==> flow/design.v <==
module muxn_top #(
   parameter integer DATA_WIDTH = 10,
   parameter integer N = 16,
   parameter integer SBITS = $clog2(N)
) (
   input  ck,
   input  resetn,
   input  [N*DATA_WIDTH-1:0] bus_in,
   input  [SBITS-1:0] s_in,
   output [DATA_WIDTH-1:0] dout_out
);
   reg [N*DATA_WIDTH-1:0] bus_s;
   reg [SBITS-1:0] s_s;
   always @(posedge ck) begin
      if (~resetn) begin
         bus_s <= 0;
         s_s <= 0;
      end else begin
         bus_s <= bus_in;
         s_s <= s_in;
      end
   end
   wire [N-1:0] oh = {{(N-1){1'b0}}, 1'b1} << s_s;
   reg [DATA_WIDTH-1:0] nxt;
   integer k;
   always @(*) begin
      nxt = 0;
      for (k = 0; k < N; k = k + 1)
         nxt = nxt | (bus_s[k*DATA_WIDTH +: DATA_WIDTH] & {DATA_WIDTH{oh[k]}});
   end
   assign dout_out = nxt;
endmodule
==> Reports on muxn_top <==
What the tools print for muxn_top, step after step.
Line numbers count from 1 in the design file above.
Library cell names are shortened.
{ "inputs": {"top_module": "muxn_top", "clock_port": "ck", "lib": "sky130hd", "pvt_corner": "tt_025C_1v80"} }

==> After elaboration <==
Counts by Yosys on the flattened word-level netlist (proc, flatten, opt, wreduce; memories kept). Register bits leave out memories and registers merged into their read ports (data or address); mux counts leave out enables and synchronous resets folded into registers. Print and check cells are left out. Cells with the same type and inputs are merged into one.
{ "word_totals": {"register_bits": 164, "inputBits": 166, "out_inout_bits": 10, "word_cells": 34} }
{ "op_classes": {"shifts": 1, "logic": 31} }
{ "ops": {"columns": ["operator", "n"], "rows": [
  ["10-bit AND", 16],
  ["10-bit bitwise OR", 15],
  ["1-bit by 4-bit << shifter with 16-bit output (first input constant)", 1]
]} }

==> Logic depth <==
Yosys ltp: most cells in a row. Word level: on the elaborated netlist, between registers, memories and ports. Mapped: between sequential cells and ports; inverters and the memories' decode and read muxes count.
{ "depth": {"depth_word": 17, "abc_area": 0, "ltp_mapped": 7, "ltp_nobuf": 4} }

==> Netlist <==
Source: synth_stat.txt of the flow (Yosys; design flattened, memories mapped). It holds for the ABC_AREA given above (unset counts as 0); a run with the other value may have another netlist.
The area totals of this step are shown rounded.
{ "by_type": {"columns": ["cell_type", "n", "area_total_um2"], "rows": [
  ["dfxtp_1", 164, 3.28E+03],
  ["and2_1", 164, 1.03E+03],
  ["a22oi_1", 39, 292.781],
  ["o221ai_1", 18, 157.651],
  ["mux2_2", 11, 123.869],
  ["mux2i_1", 10, 100.096],
  ["a21oi_1", 19, 95.091],
  ["o211a_1", 9, 90.086],
  ["clkbuf_1", 22, 82.579],
  ["a22o_1", 9, 78.826],
  ["o22a_1", 9, 78.826],
  ["buf_6", 5, 56.304],
  ["buf_2", 11, 55.053],
  ["nand3_1", 9, 45.043],
  ["nand2_1", 11, 41.29],
  ["nor2b_1", 4, 25.024],
  ["buf_4", 2, 15.014],
  ["nor2b_4", 1, 13.763]
]} }
Other cell types: 18; their cells: 21.
{ "synth_totals": {"cells": 538, "mapped_area_um2": 5810, "seq_area_um2": 3280, "ff_cells": 164, "buf_cells": 43} }

==> Timing after synthesis <==
Path of least setup slack by OpenSTA after synthesis, without wires, with an ideal clock, recovery checks aside; 20% of the period is set as input and as output delay. Where synthesis merged equal registers, the netlist keeps one of their names.
{ "synth_timing": {"path_kind": "register -> output", "start": "register s_s[0]", "end": "output dout_out[8]", "clock_period_ps": 2280, "out_delay_ps": 456, "launch_ps": 0, "t_arrival_ps": 1457, "t_required_ps": 1824, "slack_ps": 367, "delay_ps": 1457, "driving_pins": 7, "path_buffers": 2, "synth_period_reached_ps": 1913} }
"delay_ps" = arrival - input delay + setup time.
A path that ends at an output port has no setup time.
"driving_pins": output pins that drive a net of the path, with the launching flip-flop's if there is one; two outputs of one cell count as two.
"synth_period_reached_ps" is the clock period less the worst setup slack; recovery checks do not enter. This is arithmetic on one report: input and output delays are still those of the set period (20% each).
The rows between start and end are the longest chain of elaborated cells between them; the timing report does not say that the signal goes this way. Where chains are equally long, one stands for them.
A line is the first line of the expression or statement that the cell stems from. Yosys adds cells for indexed reads and writes and turns some case tables into memories.
{ "synth_via": {"cell_sequence": "dfxtp_1 buf_6 and2_4 buf_6 a22oi_2 nor3_1 or4_1", "elab_chain_cells": 17, "cells_between": 32, "lines_between": 2, "cone_classes": "shift (1); logic (31)"} }
{ "synth_lines": {"columns": ["element", "line_no", "text"], "rows": [
  ["from (decl)", 13, "reg [SBITS-1:0] s_s;"],
  ["from (assign)", 17, "s_s <= 0;"],
  ["from (assign)", 20, "s_s <= s_in;"],
  ["1-bit by 4-bit << shifter with 16-bit output", 23, "wire [N-1:0] oh = {{(N-1){1'b0}}, 1'b1} << s_s;"],
  ["10-bit AND", 29, "nxt = nxt | (bus_s[k*DATA_WIDTH +: DATA_WIDTH] & {DATA_WIDTH{oh[k]}});"],
  ["10-bit bitwise OR x15", 29, null],
  ["to (decl)", 10, "output [DATA_WIDTH-1:0] dout_out"]
]} }

==> Worst path after layout <==
Path of least setup slack in the final report of flow run A (OpenROAD, finished layout, wires in). Where an end is a register, its clock arrival counts in the times.
The path's times are printed in steps of 10 ps; the period is the one set.
{ "layout_timing": {"path_kind": "register -> output", "start": "register s_s[3]", "end": "output dout_out[4]", "clock_period_ps": 1280, "out_delay_ps": 260, "launch_ps": 430, "t_arrival_ps": 2120, "t_required_ps": 1020, "slack_ps": -1100, "driving_pins": 8, "path_buffers": 3} }
The rows between start and end are the longest chain of elaborated cells between them; the timing report does not say that the signal goes this way. Where chains are equally long, one stands for them.
{ "layout_via": {"cell_sequence": "dfxtp_4 buf_12 buf_12 mux2i_2 o221ai_2 a21oi_2 o221ai_1 buf_2", "elab_chain_cells": 17, "cells_between": 32, "lines_between": 2, "cone_classes": "shift (1); logic (31)"} }
{ "layout_lines": {"columns": ["element", "line_no", "text"], "rows": [
  ["from (decl)", 13, "reg [SBITS-1:0] s_s;"],
  ["from (assign)", 17, "s_s <= 0;"],
  ["from (assign)", 20, "s_s <= s_in;"],
  ["1-bit by 4-bit << shifter with 16-bit output", 23, "wire [N-1:0] oh = {{(N-1){1'b0}}, 1'b1} << s_s;"],
  ["10-bit AND", 29, "nxt = nxt | (bus_s[k*DATA_WIDTH +: DATA_WIDTH] & {DATA_WIDTH{oh[k]}});"],
  ["10-bit bitwise OR x15", 29, null],
  ["to (decl)", 10, "output [DATA_WIDTH-1:0] dout_out"]
]} }

Module muxn_top, platform sky130hd: 3 stored runs of the flow (Yosys, OpenROAD) with differing settings, in no particular order. Input and output delays are each 20% of the period that was set; the output load is 0.01 pF.
"total_power_mw" is the tool's figure for a default switching activity; nothing was simulated.
Results are given in rounded form.
[
  {
    "run": "flow run A",
    "settings": { "period_ns": 1.28, "CORE_UTILIZATION": 44, "SETUP_SLACK_MARGIN": 0.37, "HOLD_SLACK_MARGIN": 0.01, "CORE_ASPECT_RATIO": 1.37, "CELL_PAD_IN_SITES_GLOBAL_PLACEMENT": 2, "CELL_PAD_IN_SITES_DETAIL_PLACEMENT": 1, "TNS_END_PERCENT": 50, "CTS_CLUSTER_DIAMETER": 399, "CAP_MARGIN": 5, "SLEW_MARGIN": 40, "MIN_ROUTING_LAYER": "met1", "CORE_MARGIN": 2 },
    "results": { "total_die_area_um2": 14100, "synthesis_area_um2": 5810, "total_power_mw": 12.6, "setup_worst_slack_ps": -1100, "final_cell_area_um2": 9010 }
  },
  {
    "run": "flow run B",
    "settings": { "period_ns": 1.28, "CORE_UTILIZATION": 47, "PLACE_DENSITY_LB_ADDON": 0.2, "CORE_ASPECT_RATIO": 0.81, "CELL_PAD_IN_SITES_GLOBAL_PLACEMENT": 1, "ABC_AREA": 1, "CTS_CLUSTER_SIZE": 48, "CTS_CLUSTER_DIAMETER": 104, "SLEW_MARGIN": 10, "MIN_ROUTING_LAYER": "met1", "MAX_ROUTING_LAYER": "met4", "CAP_MARGIN": 20, "CORE_MARGIN": 2 },
    "results": { "total_die_area_um2": 15000, "synthesis_area_um2": 6590, "total_power_mw": 11.8, "setup_worst_slack_ps": -875, "final_cell_area_um2": 9490 }
  },
  {
    "run": "flow run C",
    "settings": { "period_ns": 2.28, "CAP_MARGIN": 20, "CORE_MARGIN": 2, "CORE_UTILIZATION": 40, "SLEW_MARGIN": 20 },
    "results": { "total_die_area_um2": 15500, "synthesis_area_um2": 5810, "total_power_mw": 6.91, "setup_worst_slack_ps": -214, "final_cell_area_um2": 8790 }
  }
]
